==> flow/design.v <==
module my_reg_file_mod_entry #(parameter N = 8) (
  input wire clk,
  input wire en,
  input wire [N-1:0] d,
  output reg [N-1:0] q
);
  always @(posedge clk)
    if (en) q <= d;
endmodule
module my_reg_file_mod (aclk, rst_i, wr_en, wa, wdata, rsel, rdata);
  parameter WORDS = 64;
  parameter WIDTH = 16;
  parameter NUM_RD = 3;
  localparam ADDR_W = $clog2(WORDS);
  input aclk;
  input rst_i;
  input wr_en;
  input [ADDR_W-1:0] wa;
  input [WIDTH-1:0] wdata;
  input [NUM_RD*ADDR_W-1:0] rsel;
  output [NUM_RD*WIDTH-1:0] rdata;
  reg wr_en_r;
  reg [ADDR_W-1:0] wa_r;
  reg [WIDTH-1:0] wdata_r;
  always @(posedge aclk) begin
    if (rst_i) begin
      wr_en_r <= 1'b0;
      wa_r <= 0;
      wdata_r <= 0;
    end else begin
      wr_en_r <= wr_en;
      wa_r <= wa;
      wdata_r <= wdata;
    end
  end
  wire [WORDS*WIDTH-1:0] store;
  genvar i;
  generate
    for (i = 0; i < WORDS; i = i + 1) begin : blk
      my_reg_file_mod_entry #(.N(WIDTH)) u (.clk(aclk), .en(wr_en_r && wa_r == i), .d(wdata_r), .q(store[i*WIDTH +: WIDTH]));
    end
  endgenerate
  reg [NUM_RD*ADDR_W-1:0] rsel_r;
  always @(posedge aclk) begin
    if (rst_i) begin
      rsel_r <= 0;
    end else begin
      rsel_r <= rsel;
    end
  end
  wire [NUM_RD*WIDTH-1:0] work;
  genvar j;
  generate
    for (j = 0; j < NUM_RD; j = j + 1) begin : each
      assign work[j*WIDTH +: WIDTH] = store[rsel_r[j*ADDR_W +: ADDR_W]*WIDTH +: WIDTH];
    end
  endgenerate
  reg [NUM_RD*WIDTH-1:0] rdata_r;
  always @(posedge aclk) begin
    if (rst_i) begin
      rdata_r <= 0;
    end else begin
      rdata_r <= work;
    end
  end
  assign rdata = rdata_r;
endmodule
Step by step through the tools: my_reg_file_mod
The steps from the RTL of my_reg_file_mod to its reports follow in flow order. Line numbers count from 1 in the design file above. Cell names lack the library's common part. A cell with n/a has no value.

Top module: my_reg_file_mod. Clock input: aclk. Library: sky130hd. Corner: tt_025C_1v80.

After elaboration
Source: Yosys, flattened and elaborated, memories not mapped. Widths are those after wreduce; folded enables and synchronous resets count as part of the registers. Registers that Yosys merges into a memory's read port (data or address) are not register bits. Print and check cells do not count. Equal cells are merged and count once.

The entry for bits in registers reads 1113. Input port bits: 43. Under output and inout bits stands 48.

The entry for shift-type cells reads 3. For reductions and logical operators the number is 65. For equality and inequality tests the number is 63.

Operators with widths (number): indexed select 1024 x 11 -> 16 bit (3); equality test 6 bit with constant B (32); equality test 6 x 5 -> 1 bit with constant B (16); logical AND 1 bit (64); equality test 6 x 4 -> 1 bit with constant B (8); equality test 6 x 3 -> 1 bit with constant B (4); equality test 6 x 2 -> 1 bit with constant B (2); equality test 6 x 1 -> 1 bit with constant B (1); zero test 6 bit (1).

Longest topological paths
Yosys ltp: most cells in a row. Word level: on the elaborated netlist, between registers, memories and ports. Mapped: between sequential cells and ports; inverters and the memories' decode and read muxes count.

Under depth in word-level cells stands 2. The figure for ABC_AREA is 0. The entry for gate-level depth with buffers reads 10.

Netlist
The flow's flattened synthesis, as Yosys stat reports it; memories are mapped. The netlist is that of the ABC_AREA named above (0 if unset); the other value can give another one.

Cells by type: edfxtp_1 (number 1024, total area 3.07E+04 sq um); mux4_2 (number 755, total area 1.7E+04 sq um); dfxtp_1 (number 89, total area 1.78E+03 sq um); mux2i_1 (number 136, total area 1.36E+03 sq um); o22ai_1 (number 106, total area 663.136 sq um); buf_4 (number 67, total area 502.982 sq um); o221ai_1 (number 55, total area 481.712 sq um); nor2b_1 (number 75, total area 469.2 sq um); buf_2 (number 91, total area 455.437 sq um); a22oi_1 (number 55, total area 412.896 sq um); nor2_1 (number 95, total area 356.592 sq um); a21oi_1 (number 67, total area 335.322 sq um); clkbuf_1 (number 89, total area 334.07 sq um); a211oi_1 (number 38, total area 285.274 sq um); mux2_2 (number 22, total area 247.738 sq um); nand2_1 (number 45, total area 168.912 sq um); buf_6 (number 14, total area 157.651 sq um); nand3_1 (number 29, total area 145.139 sq um).

Other cell types: 31; their cells: 205.

For synthesis area the number is 0.0573888 sq mm. Under flip-flop cells stands 1113. For sequential area the number is 0.0325312 sq mm. The entry for cells in the netlist reads 3057.

The figures by module come from a second, unflattened synthesis with its own total; it is not the netlist above.

The figure for cells (unflattened synthesis) is 3034. The entry for area total of the unflattened synthesis reads 0.0576978 sq mm.

Rows give one instance, submodules left out.

By module: my_reg_file_mod_entry #(N=16) (times used 64, cells 16, area 0.0004805 sq mm); my_reg_file_mod (times used 1, cells 2010, area 0.0269483 sq mm).

Path before layout
Source: OpenSTA report_checks on the synthesized netlist (no wires, ideal clock, input and output delay 20% of the period each), path of least setup slack; recovery checks are left aside. Register names are those of the netlist, which keeps one name where synthesis merged equal registers.

Kind: register to register. Start point: reg wr_en_r. End point: reg blk[3].u.q[0]. The entry for launch time at the first pin reads 0.000 ns. The entry for stages reads 5. Slack: 0.561 ns. For arrival time the number is 1.871 ns. Under delay of the path stands 2.259 ns. Under library setup time stands 0.388 ns. The figure for clock period is 2.82 ns. The entry for path buffers reads 2. The figure for synthesis period reached is 2.259 ns.

"delay of the path" is the arrival time less input delay plus setup time. "stages" counts driving pins, that of a launching flip-flop among them; a cell with two outputs on the path counts twice. "synthesis period reached" = period - worst setup slack (recovery checks aside). The figure is calculated, with input and output delays left at 20% of the set period. The rows between start and end are the longest chain of elaborated cells between them; the timing report does not say that the signal goes this way. Where chains are equally long, one stands for them. A line is the first line of the expression or statement that the cell stems from. Yosys adds cells for indexed reads and writes and turns some case tables into memories.

Cells stage by stage: dfxtp_1 or3b_2 clkbuf_1 clkbuf_1 nor2_1. The entry for length of the longest elaborated chain reads 1.

RTL lines, path post-synthesis: start: declaration (line 22) `reg wr_en_r;`; start: assignment (line 27) `wr_en_r <= 1'b0;`; start: assignment (line 31) `wr_en_r <= wr_en;`; logical AND 1 bit (line 40) `my_reg_file_mod_entry #(.N(WIDTH)) u (.clk(aclk), .en(wr_en_r && wa_r == i), .d(wdata_r), .q(store[i*WIDTH +: ...`; end: assignment (line 8) `if (en) q <= d;`; end: declaration (line 5) `output reg [N-1:0] q`.

Worst path after layout
Path of least setup slack in the final report of run 1 (OpenROAD, finished layout, wires in). Where an end is a register, its clock arrival counts in the times.

Kind: register to register. Start point: reg rsel_r[14]. End point: reg rdata_r[33]. The entry for path buffers reads 2. The entry for stages reads 7. Under library setup time stands 0.19 ns. The entry for launch time at the first pin reads 0.75 ns. For arrival time the number is 3.39 ns. Slack: 0.00 ns. The figure for clock period is 2.82 ns.

The rows between start and end are the longest chain of elaborated cells between them; the timing report does not say that the signal goes this way. Where chains are equally long, one stands for them.

Cells stage by stage: dfxtp_4 buf_12 buf_4 or3b_2 o221ai_1 a21oi_1 o2bb2ai_1. The entry for length of the longest elaborated chain reads 1.

RTL lines, path post-layout: start: declaration (line 43) `reg [NUM_RD*ADDR_W-1:0] rsel_r;`; start: assignment (line 46) `rsel_r <= 0;`; start: assignment (line 48) `rsel_r <= rsel;`; indexed select 1024 x 11 -> 16 bit (line 55) `assign work[j*WIDTH +: WIDTH] = store[rsel_r[j*ADDR_W +: ADDR_W]*WIDTH +: WIDTH];`; end: assignment (line 61) `rdata_r <= 0;`; end: assignment (line 63) `rdata_r <= work;`; end: declaration (line 58) `reg [NUM_RD*WIDTH-1:0] rdata_r;`.

==> results <==
Measured data: module my_reg_file_mod, platform sky130hd, 3 stored runs of the flow under differing settings, order arbitrary. Input and output delays are each 20% of the period that was set; the output load is 0.01 pF. "period achieved": clock period set for the run, less the worst setup slack. It is reckoned from that one timing run; input and output delays stay at 20% of the period that was set. "time on the worst setup path" means the part of the period allowed to the worst setup path (the constraints hold back 20% at inputs and 20% at outputs) less its slack; where the path has registers, the arrival times of their clocks count too. "total power of the final layout": no workload was simulated; the value follows from the tool's default switching activity.

Files of run 1:
==> flow/run.sh <==
#!/bin/bash
# the make line also repeats the synthesis and layout settings of config.mk as NAME=value (left out here)
make -C /OpenROAD-flow-scripts/flow DESIGN_CONFIG=/design/flow/config.mk WORK_HOME=/design/flow/orfs CLKGATE_MAP_FILE= finish
==> flow/config.mk <==
export PLATFORM = sky130hd
export DESIGN_NAME = my_reg_file_mod
export DESIGN_NICKNAME = my_reg_file_mod
export VERILOG_FILES = /design/flow/design.v
export SDC_FILE = /design/flow/constraint.sdc
export NUM_CORES = 4
export LEC_CHECK = 0
export CAP_MARGIN = 20
export CORE_MARGIN = 2
export CORE_UTILIZATION = 40
export SLEW_MARGIN = 20
==> flow/constraint.sdc <==
create_clock -name core_clock -period 2.82 [get_ports {aclk}]
set_input_delay 0.5640 -clock core_clock [delete_from_list [all_inputs] [get_ports {aclk}]]
set_output_delay 0.5640 -clock core_clock [all_outputs]
set_load 0.01 [all_outputs]

Results of run 1. The measured setup slack of the worst path is -0.002 ns. For the time on the worst setup path the run shows 2.82 ns. Worst setup path type: register to register. The Yosys chip area after synthesis stands at 0.0573888 sq mm. The total power of the final layout comes to 0.040164 W. The utilization in the final report comes to 0.48. For the summed negative setup slack the run shows -0.002 ns. The die size reads 0.146517 sq mm. The period achieved comes to 2.822 ns. The final worst hold slack is 0.358 ns. The standard-cell area after layout comes to 0.0680753 sq mm.

Files of run 2:
==> flow/run.sh <==
#!/bin/bash
# the make line also repeats the synthesis and layout settings of config.mk as NAME=value (left out here)
make -C /OpenROAD-flow-scripts/flow DESIGN_CONFIG=/design/flow/config.mk WORK_HOME=/design/flow/orfs CLKGATE_MAP_FILE= finish
==> flow/config.mk <==
export PLATFORM = sky130hd
export DESIGN_NAME = my_reg_file_mod
export DESIGN_NICKNAME = my_reg_file_mod
export VERILOG_FILES = /design/flow/design.v
export SDC_FILE = /design/flow/constraint.sdc
export NUM_CORES = 4
export LEC_CHECK = 0
export CAP_MARGIN = 5
export CORE_ASPECT_RATIO = 1.93
export CORE_MARGIN = 8
export CORE_UTILIZATION = 43
export CTS_CLUSTER_DIAMETER = 326
export GPL_ROUTABILITY_DRIVEN = 1
export GPL_TIMING_DRIVEN = 1
export MAX_ROUTING_LAYER = met4
export MIN_ROUTING_LAYER = met1
export PLACE_DENSITY_LB_ADDON = 0.02
export SETUP_SLACK_MARGIN = -0.16
export SLEW_MARGIN = 20
export TNS_END_PERCENT = 60
==> flow/constraint.sdc <==
create_clock -name core_clock -period 1.75 [get_ports {aclk}]
set_input_delay 0.3500 -clock core_clock [delete_from_list [all_inputs] [get_ports {aclk}]]
set_output_delay 0.3500 -clock core_clock [all_outputs]
set_load 0.01 [all_outputs]

Results of run 2. The measured setup slack of the worst path is -0.719 ns. For the time on the worst setup path the run shows 2.47 ns. Worst setup path type: register to register. The Yosys chip area after synthesis stands at 0.0573888 sq mm. The total power of the final layout comes to 0.065541 W. The utilization in the final report comes to 0.608. For the summed negative setup slack the run shows -79.792 ns. The die size reads 0.146045 sq mm. The period achieved comes to 2.469 ns. The final worst hold slack is 0.132 ns. The standard-cell area after layout comes to 0.0807437 sq mm.

Files of run 3:
==> flow/run.sh <==
#!/bin/bash
# the make line also repeats the synthesis and layout settings of config.mk as NAME=value (left out here)
make -C /OpenROAD-flow-scripts/flow DESIGN_CONFIG=/design/flow/config.mk WORK_HOME=/design/flow/orfs CLKGATE_MAP_FILE= finish
==> flow/config.mk <==
export PLATFORM = sky130hd
export DESIGN_NAME = my_reg_file_mod
export DESIGN_NICKNAME = my_reg_file_mod
export VERILOG_FILES = /design/flow/design.v
export SDC_FILE = /design/flow/constraint.sdc
export NUM_CORES = 4
export LEC_CHECK = 0
export CAP_MARGIN = 20
export CELL_PAD_IN_SITES_DETAIL_PLACEMENT = 1
export CELL_PAD_IN_SITES_GLOBAL_PLACEMENT = 3
export CORE_MARGIN = 2
export CORE_UTILIZATION = 62
export CTS_CLUSTER_SIZE = 93
export MAX_ROUTING_LAYER = met5
export PLACE_DENSITY_LB_ADDON = 0.08
export SETUP_SLACK_MARGIN = 0.29
export SLEW_MARGIN = 20
==> flow/constraint.sdc <==
create_clock -name core_clock -period 3.17 [get_ports {aclk}]
set_input_delay 0.6340 -clock core_clock [delete_from_list [all_inputs] [get_ports {aclk}]]
set_output_delay 0.6340 -clock core_clock [all_outputs]
set_load 0.01 [all_outputs]

Outcome of run 3: not finished: placement ended with error FLW-0024.
